==> flow/design.v <==
module mul_unit_rtl (CLK, in0, in1, out);
   parameter WD = 18;
   input CLK;
   input [WD-1:0] in0;
   input [WD-1:0] in1;
   output [WD-1:0] out;
   reg [WD-1:0] out_d1;
   always @(posedge CLK) begin
      out_d1 <= in0 * in1;
   end
   assign out = out_d1;
endmodule
### Step by step through the tools: mul_unit_rtl

Tool output for the design above, in the order of the flow.
Line numbers count from 1 in the design file above.
Cell names lack the library's common part.
The mark - stands for no value.

| inputs | value |
|---|---|
| top module | mul_unit_rtl |
| clock | CLK |
| cell library | sky130hd |
| timing corner | tt_025C_1v80 |

### Elaborated design

Counts by Yosys on the flattened word-level netlist (proc, flatten, opt, wreduce; memories kept). Register bits leave out memories and registers merged into their read ports (data or address); mux counts leave out enables and synchronous resets folded into registers. Print and check cells are left out. Cells with the same type and inputs are merged into one.

| storage and ports | value |
|---|---|
| bits in registers | 18 |
| output and inout port bits | 18 |
| word-level cells | 2 |

| operators by class | value |
|---|---|
| $mul | 1 |

Operator list:

| cell | number |
|---|---|
| 18-bit by 18-bit multiplier with 18-bit output | 1 |

### Depth

Yosys ltp: most cells in a row. Word level: on the elaborated netlist, between registers, memories and ports. Mapped: between sequential cells and ports; inverters and the memories' decode and read muxes count.

| logic depth | value |
|---|---|
| depth in word-level cells | 1 |
| ABC_AREA | 1 |
| gate-level depth with buffers | 27 |

### Netlist

Yosys stat after the flow's synthesis: flattened, memories mapped to cells. It holds for the ABC_AREA given above (unset counts as 0); a run with the other value may have another netlist.
Totals and module areas in this step are rounded.

Cells by type:

| type | number | area in all (um^2) |
|---|---|---|
| fa_1 | 109 | 2.18E+03 |
| inv_1 | 300 | 1126.08 |
| nand2_1 | 263 | 987.197 |
| ha_1 | 53 | 663.136 |
| dfxtp_1 | 18 | 360.346 |
| nand3_1 | 28 | 140.134 |
| xor2_1 | 8 | 70.067 |
| a21oi_1 | 11 | 55.053 |
| clkbuf_1 | 14 | 52.55 |
| buf_2 | 9 | 45.043 |
| buf_4 | 4 | 30.029 |
| nand2_2 | 4 | 25.024 |
| nand3b_1 | 3 | 22.522 |
| nor2_1 | 6 | 22.522 |
| o31ai_4 | 1 | 21.27 |
| nand3b_4 | 1 | 20.019 |
| xnor2_1 | 2 | 17.517 |
| o21a_1 | 2 | 15.014 |

Not listed: further types 12, cells in them 18.

| synthesis totals | value |
|---|---|
| cell count | 854 |
| chip area (Yosys) | 5951 um^2 |
| sequential area | 360.3 um^2 |
| mapped flip-flops | 18 |

### Path before layout

Source: OpenSTA report_checks on the synthesized netlist (no wires, ideal clock, input and output delay 20% of the period each), path of least setup slack; recovery checks are left aside. Register names are those of the netlist, which keeps one name where synthesis merged equal registers.

| timing path after synthesis | value |
|---|---|
| kind | input-to-reg |
| start point | input port in1[3] |
| end point | register out_d1[16] |
| period | 7.36 ns |
| input delay | 1.472 ns |
| setup time | 0.138 ns |
| time at the first pin | 1.472 ns |
| arrival time | 6.001 ns |
| data required time | 7.222 ns |
| path slack | 1.221 ns |
| delay of the path | 4.667 ns |
| stages | 18 |
| path buffers | 2 |
| period reached after synthesis | 6.139 ns |

"delay of the path" is the arrival time less input delay plus setup time.
"stages" counts driving pins, that of a launching flip-flop among them; a cell with two outputs on the path counts twice.
"period reached after synthesis" = period - worst setup slack (recovery checks aside). The figure is calculated, with input and output delays left at 20% of the set period.
Between the ends stands the longest chain of elaborated cells between them, by number of cells; it is not shown to be the way that was timed. Of several equally long chains one is given.
Each line given opens the expression or statement behind the cell; cells for indexed reads and writes are added by Yosys, which also makes memories of some case tables.

| on the way, after synthesis | value |
|---|---|
| cells stage by stage | clkbuf_2 clkbuf_1 nand2_1 fa_1 fa_1 inv_1 fa_1 fa_1 fa_1 inv_1 fa_1 inv_1 ha_1 nand2_1 a21oi_1 a211oi_1 o311ai_0 xor2_1 |
| length of the longest elaborated chain | 1 |

RTL lines, path after synthesis:

| item | line | RTL |
|---|---|---|
| start, declared | 5 | `input [WD-1:0] in1;` |
| 18-bit by 18-bit multiplier with 18-bit output | 9 | `out_d1 <= in0 * in1;` |
| end, assigned | 9 |  |
| end, declared | 7 | `reg [WD-1:0] out_d1;` |

### Worst path after layout

From the final timing report of stored run 1: the path of least setup slack in the routed layout; clock arrival at registers is part of the times.

| timing path post-layout | value |
|---|---|
| kind | input-to-reg |
| start point | input port in0[6] |
| end point | register out_d1[17] |
| period | 5.42 ns |
| input delay | 1.08 ns |
| setup time | 0.10 ns |
| time at the first pin | 1.08 ns |
| arrival time | 5.83 ns |
| data required time | 5.57 ns |
| path slack | -0.26 ns |
| stages | 19 |
| path buffers | 1 |

Between the ends stands the longest chain of elaborated cells between them, by number of cells; it is not shown to be the way that was timed. Of several equally long chains one is given.

| on the way, post-layout | value |
|---|---|
| cells stage by stage | buf_2 nand2_1 fa_1 fa_1 inv_1 fa_1 fa_1 inv_1 fa_1 fa_1 inv_1 ha_4 nand2_1 nor3_4 nand3_1 nand3_2 inv_1 nand2_1 nand2_1 |
| length of the longest elaborated chain | 1 |

RTL lines, path post-layout:

| item | line | RTL |
|---|---|---|
| start, declared | 4 | `input [WD-1:0] in0;` |
| 18-bit by 18-bit multiplier with 18-bit output | 9 | `out_d1 <= in0 * in1;` |
| end, assigned | 9 |  |
| end, declared | 7 | `reg [WD-1:0] out_d1;` |

Subject: mul_unit_rtl on sky130hd, stored results

Hello all,

Stored flow runs of mul_unit_rtl (2 of them; Yosys, OpenROAD, sky130hd). They differ in their settings and are not a sequence. Constraints: input delay and output delay 20% of the set period each, output load 0.01 pF.
By "clock period reached" is meant the clock period of the run minus its worst setup slack. This is arithmetic on one report: input and output delays are still those of the set period (20% each).
"allowed time less slack (worst setup path)" means the part of the period allowed to the worst setup path (the constraints hold back 20% at inputs and 20% at outputs) less its slack; where the path has registers, the arrival times of their clocks count too.
"power consumption" is the tool's figure for a default switching activity; nothing was simulated.
Results are given in rounded form.

#### Stored run 1

| setting | value |
|---|---|
| period_ns | `5.42` |
| CORE_UTILIZATION | `32` |
| SETUP_SLACK_MARGIN | `-0.44` |
| PLACE_DENSITY | `0.95` |
| ABC_AREA | `1` |
| GPL_TIMING_DRIVEN | `0` |
| CTS_CLUSTER_DIAMETER | `57` |
| SLEW_MARGIN | `20` |
| CAP_MARGIN | `20` |
| CORE_MARGIN | `2` |

| result | value |
|---|---|
| std-cell area (final layout) | 6673 um^2 |
| power consumption | 3681 uW |
| die outline area | 19700 um^2 |
| synthesis area | 5951 um^2 |
| clock period reached | 5.684 ns |
| setup slack of the worst path | -0.264 ns |
| utilization after routing | 36.9 % |
| allowed time less slack (worst setup path) | 4.60 ns |
| critical path kind | input-to-reg |
| worst hold slack in the final report | 1.242 ns |
| total negative setup slack | -0.398 ns |

#### Stored run 2

| setting | value |
|---|---|
| period_ns | `7.36` |
| CAP_MARGIN | `20` |
| CORE_MARGIN | `2` |
| CORE_UTILIZATION | `40` |
| SLEW_MARGIN | `20` |

| result | value |
|---|---|
| std-cell area (final layout) | 6186 um^2 |
| power consumption | 2390 uW |
| die outline area | 14350 um^2 |
| synthesis area | 5361 um^2 |
| clock period reached | 6.894 ns |
| setup slack of the worst path | 0.466 ns |
| utilization after routing | 46.9 % |
| allowed time less slack (worst setup path) | 5.42 ns |
| critical path kind | input-to-reg |
| worst hold slack in the final report | 2.269 ns |
| total negative setup slack | 0.000 ns |

Thanks
